==> flow/design.v <==
module core_shift #(
   parameter W = 12,
   parameter LOGN = $clog2(W)
) (
   input ck,
   input [W-1:0] val,
   input [LOGN-1:0] sh,
   input lr,
   output [W-1:0] result
);
   reg [W-1:0] result_r;
   always @(posedge ck) begin
      result_r <= lr ? val << sh : val >> sh;
   end
   assign result = result_r;
endmodule
Wiki page: core_shift / tool data

== Reports on core_shift ==
A sweep over "W": the same steps for each member of the family.
The file above is the member W 12. Line numbers count from 1 in each member's own file.
Cell names lack the library's common part.
Not given: n/a

* Design top: core_shift
* Clock input: ck
* Standard-cell library: sky130hd
* Corner: tt_025C_1v80

== Source of the members ==
Lines of each other member's file that are new or changed against the file above; lines that a member lacks are not shown.

{| class="wikitable"
|+ Lines new or changed
! W !! RTL line !! text
|-
| 14 || 2 || <nowiki>parameter W = 14,</nowiki>
|-
| 80 || 2 || <nowiki>parameter W = 80,</nowiki>
|-
| 96 || 2 || <nowiki>parameter W = 96,</nowiki>
|}

== Word level ==
Counts by Yosys on the flattened word-level netlist (proc, flatten, opt, wreduce; memories kept). Register bits leave out memories and registers merged into their read ports (data or address); mux counts leave out enables and synchronous resets folded into registers. Print and check cells are left out. Cells with the same type and inputs are merged into one.

{| class="wikitable"
|+ Operators by class
! W !! shift operators !! mux-type cells
|-
| 12 || 2 || 1
|-
| 14 || 2 || 1
|-
| 80 || 2 || 1
|-
| 96 || 2 || 1
|}

{| class="wikitable"
|+ Operators with widths
! W !! kind and count
|-
| 12 || left shift 12 x 4 -> 12 bit (1); right shift 12 x 4 -> 12 bit (1); 2-to-1 mux 12 bit (1)
|-
| 14 || left shift 14 x 4 -> 14 bit (1); right shift 14 x 4 -> 14 bit (1); 2-to-1 mux 14 bit (1)
|-
| 80 || left shift 80 x 7 -> 80 bit (1); right shift 80 x 7 -> 80 bit (1); 2-to-1 mux 80 bit (1)
|-
| 96 || left shift 96 x 7 -> 96 bit (1); right shift 96 x 7 -> 96 bit (1); 2-to-1 mux 96 bit (1)
|}

{| class="wikitable"
|+ Bit counts
! W !! register bits after elaboration !! bits of input ports !! output and inout port bits !! word-level cells
|-
| 12 || 12 || 18 || 12 || 4
|-
| 14 || 14 || 20 || 14 || 4
|-
| 80 || 80 || 89 || 80 || 4
|-
| 96 || 96 || 105 || 96 || 4
|}

== Longest topological paths ==
Yosys ltp: most cells in a row. Word level: on the elaborated netlist, between registers, memories and ports. Mapped: between sequential cells and ports; inverters and the memories' decode and read muxes count.

{| class="wikitable"
|+ Logic depth
! W !! word-level depth !! ABC_AREA !! depth in mapped cells !! gate-level depth less buffers
|-
| 12 || 2 || 0 || 7 || 4
|-
| 14 || 2 || 0 || 7 || 4
|-
| 80 || 2 || 0 || 12 || 6
|-
| 96 || 2 || 0 || 11 || 6
|}

== Netlist ==
Yosys stat after the flow's synthesis: flattened, memories mapped to cells. It holds for the ABC_AREA given above (unset counts as 0); a run with the other value may have another netlist.
Totals and module areas in this step are rounded.

{| class="wikitable"
|+ Synthesis totals
! W !! cells in the netlist !! cell area after synthesis (sq um) !! sequential part of the area (sq um) !! flip-flops !! buffer cells
|-
| 12 || 147 || 1400 || 240 || 12 || 15
|-
| 14 || 153 || 1600 || 280 || 14 || 17
|-
| 80 || 1521 || 14000 || 1600 || 80 || 169
|-
| 96 || 1641 || 16000 || 1900 || 96 || 174
|}

{| class="wikitable"
|+ Cells by type
! W !! types with counts
|-
| 12 || dfxtp_1 (12); mux2i_1 (18); mux4_2 (8); mux4_1 (4); clkbuf_8 (5); mux2_2 (6); nand2_1 (11); o211ai_1 (5); buf_6 (3); nor2_1 (9); a21oi_1 (5); nor2b_1 (4); o21ai_0 (5); nand3b_1 (3); a31oi_1 (3); nand2b_1 (3); a311oi_1 (2); and2b_2 (2); (+39)
|-
| 14 || mux4_2 (18); dfxtp_1 (14); mux4_1 (5); mux2i_1 (13); nor2_1 (12); buf_2 (8); nand3_1 (7); mux2_2 (3); nand2b_1 (5); nand2_1 (8); o211ai_1 (4); a32oi_1 (3); o21ai_0 (4); clkbuf_1 (5); nor2b_1 (3); a2111oi_0 (2); a311oi_1 (2); o221ai_1 (2); (+35)
|-
| 80 || mux4_2 (184); dfxtp_1 (80); mux2i_1 (142); mux2_2 (119); nor2_1 (189); nand2_1 (124); a21oi_1 (63); clkbuf_1 (72); a22oi_1 (34); o21ai_0 (49); buf_2 (46); a211oi_1 (24); o22ai_1 (28); o211ai_1 (22); o221ai_1 (17); a221o_1 (14); buf_6 (12); nand3_1 (27); (+275)
|-
| 96 || mux4_2 (203); dfxtp_1 (96); mux2i_1 (171); mux2_2 (148); nor2_1 (146); nand2_1 (145); o22ai_1 (61); o21ai_0 (72); clkbuf_1 (93); a21oi_1 (69); a211oi_1 (31); a22oi_1 (30); o221ai_1 (25); buf_2 (33); buf_6 (12); a221o_1 (13); o211ai_1 (16); a211o_1 (13); (+264)
|}

The mark (+n) counts cells that are not listed.

== Path before layout ==
Source: OpenSTA report_checks on the synthesized netlist (no wires, ideal clock, input and output delay 20% of the period each), path of least setup slack; recovery checks are left aside. Register names are those of the netlist, which keeps one name where synthesis merged equal registers.

{| class="wikitable"
|+ Timing post-synthesis
! W !! path type !! start point !! end point !! clock period (ns) !! setup slack (ns) !! stages on the path !! delay of the path (ns) !! period reached after synthesis (ns)
|-
| 12 || input-to-reg || input port sh[1] || register result_r[2] || 1.91 || 0.307 || 5 || 1.222 || 1.603
|-
| 14 || input-to-reg || input port sh[0] || register result_r[12] || 2.04 || 0.326 || 5 || 1.306 || 1.714
|-
| 80 || input-to-reg || input port sh[1] || register result_r[77] || 3.23 || 0.514 || 8 || 2.070 || 2.716
|-
| 96 || input-to-reg || input port sh[0] || register result_r[1] || 3.36 || 0.540 || 6 || 2.149 || 2.82
|}

"delay of the path" is the arrival time less input delay plus setup time.
"stages on the path": output pins that drive a net of the path, with the launching flip-flop's if there is one; two outputs of one cell count as two.
"period reached after synthesis" is the clock period less the worst setup slack; recovery checks do not enter. This is arithmetic on one report: input and output delays are still those of the set period (20% each).
Between the ends stands the longest chain of elaborated cells between them, by number of cells; it is not shown to be the way that was timed. Of several equally long chains one is given.
Each line given opens the expression or statement behind the cell; cells for indexed reads and writes are added by Yosys, which also makes memories of some case tables.

On the way, post-synthesis, W 12:
* Length of the longest elaborated chain: 2

{| class="wikitable"
|+ RTL lines, path post-synthesis, W 12
! item !! RTL line !! text
|-
| start, declared || 7 || <nowiki>input [LOGN-1:0] sh,</nowiki>
|-
| right shift 12 x 4 -> 12 bit || 13 || <nowiki>result_r <= lr ? val << sh : val >> sh;</nowiki>
|-
| 2-to-1 mux 12 bit || 13 ||
|-
| end, assigned || 13 ||
|-
| end, declared || 11 || <nowiki>reg [W-1:0] result_r;</nowiki>
|}

On the way, post-synthesis, W 96:
* Length of the longest elaborated chain: 2

{| class="wikitable"
|+ RTL lines, path post-synthesis, W 96
! item !! RTL line !! text
|-
| start, declared || 7 || <nowiki>input [LOGN-1:0] sh,</nowiki>
|-
| right shift 96 x 7 -> 96 bit || 13 || <nowiki>result_r <= lr ? val << sh : val >> sh;</nowiki>
|-
| 2-to-1 mux 96 bit || 13 ||
|-
| end, assigned || 13 ||
|-
| end, declared || 11 || <nowiki>reg [W-1:0] result_r;</nowiki>
|}

== Worst path after layout ==
From the final timing report of the run of each member: the path of least setup slack in the routed layout; clock arrival at registers is part of the times.

{| class="wikitable"
|+ Timing after layout
! W !! path type !! start point !! end point !! clock period (ns) !! setup slack (ns) !! stages on the path !! data arrival time (ns) !! path buffers
|-
| 12 || input-to-reg || input port val[8] || register result_r[8] || 1.91 || 0.04 || 5 || 2.04 || 1
|-
| 14 || input-to-reg || input port val[9] || register result_r[1] || 2.04 || 0.17 || 5 || 2.01 || 1
|-
| 80 || input-to-reg || input port val[79] || register result_r[70] || 3.23 || 0.08 || 8 || 3.39 || 2
|-
| 96 || input-to-reg || input port val[87] || register result_r[11] || 3.36 || 0.12 || 8 || 3.51 || 3
|}

== Flow runs ==
One run of the flow (Yosys, OpenROAD) for each member, with settings and measured results. Input and output delays are each 20% of the period that was set; the output load is 0.01 pF.

* CAP_MARGIN: 20
* CORE_MARGIN: 2
* CORE_UTILIZATION: 40
* SLEW_MARGIN: 20

{| class="wikitable"
|+ Settings by member
! W !! period_ns
|-
| 12 || 1.91
|-
| 14 || 2.04
|-
| 80 || 3.23
|-
| 96 || 3.36
|}

{| class="wikitable"
|+ Final reports
! W !! chip area in the Yosys report (sq um) !! die area (sq um) !! area of the standard cells in the finished layout (sq um) !! utilization !! worst slack on setup checks (ns) !! post-route setup TNS (ns) !! lowest hold slack (ns) !! power consumption (uW) !! achieved clock period (ns)
|-
| 12 || 1400 || 4000 || 2000 || 0.6 || 0.036 || 0.000 || 0.90 || 930 || 1.874
|-
| 14 || 1600 || 4500 || 2200 || 0.59 || 0.17 || 0.000 || 0.86 || 1000 || 1.870
|-
| 80 || 14000 || 37000 || 18000 || 0.53 || 0.076 || 0.000 || 0.85 || 5900 || 3.154
|-
| 96 || 16000 || 41000 || 20000 || 0.52 || 0.12 || 0.000 || 0.66 || 6600 || 3.243
|}

"achieved clock period" = clock period - worst setup slack. The figure is calculated, with input and output delays left at 20% of the set period.
By "power consumption" is meant OpenSTA's value without simulated activity: inputs other than the clock are taken to toggle once in ten clock periods, and the tool carries that through the logic.
The results are shown rounded.
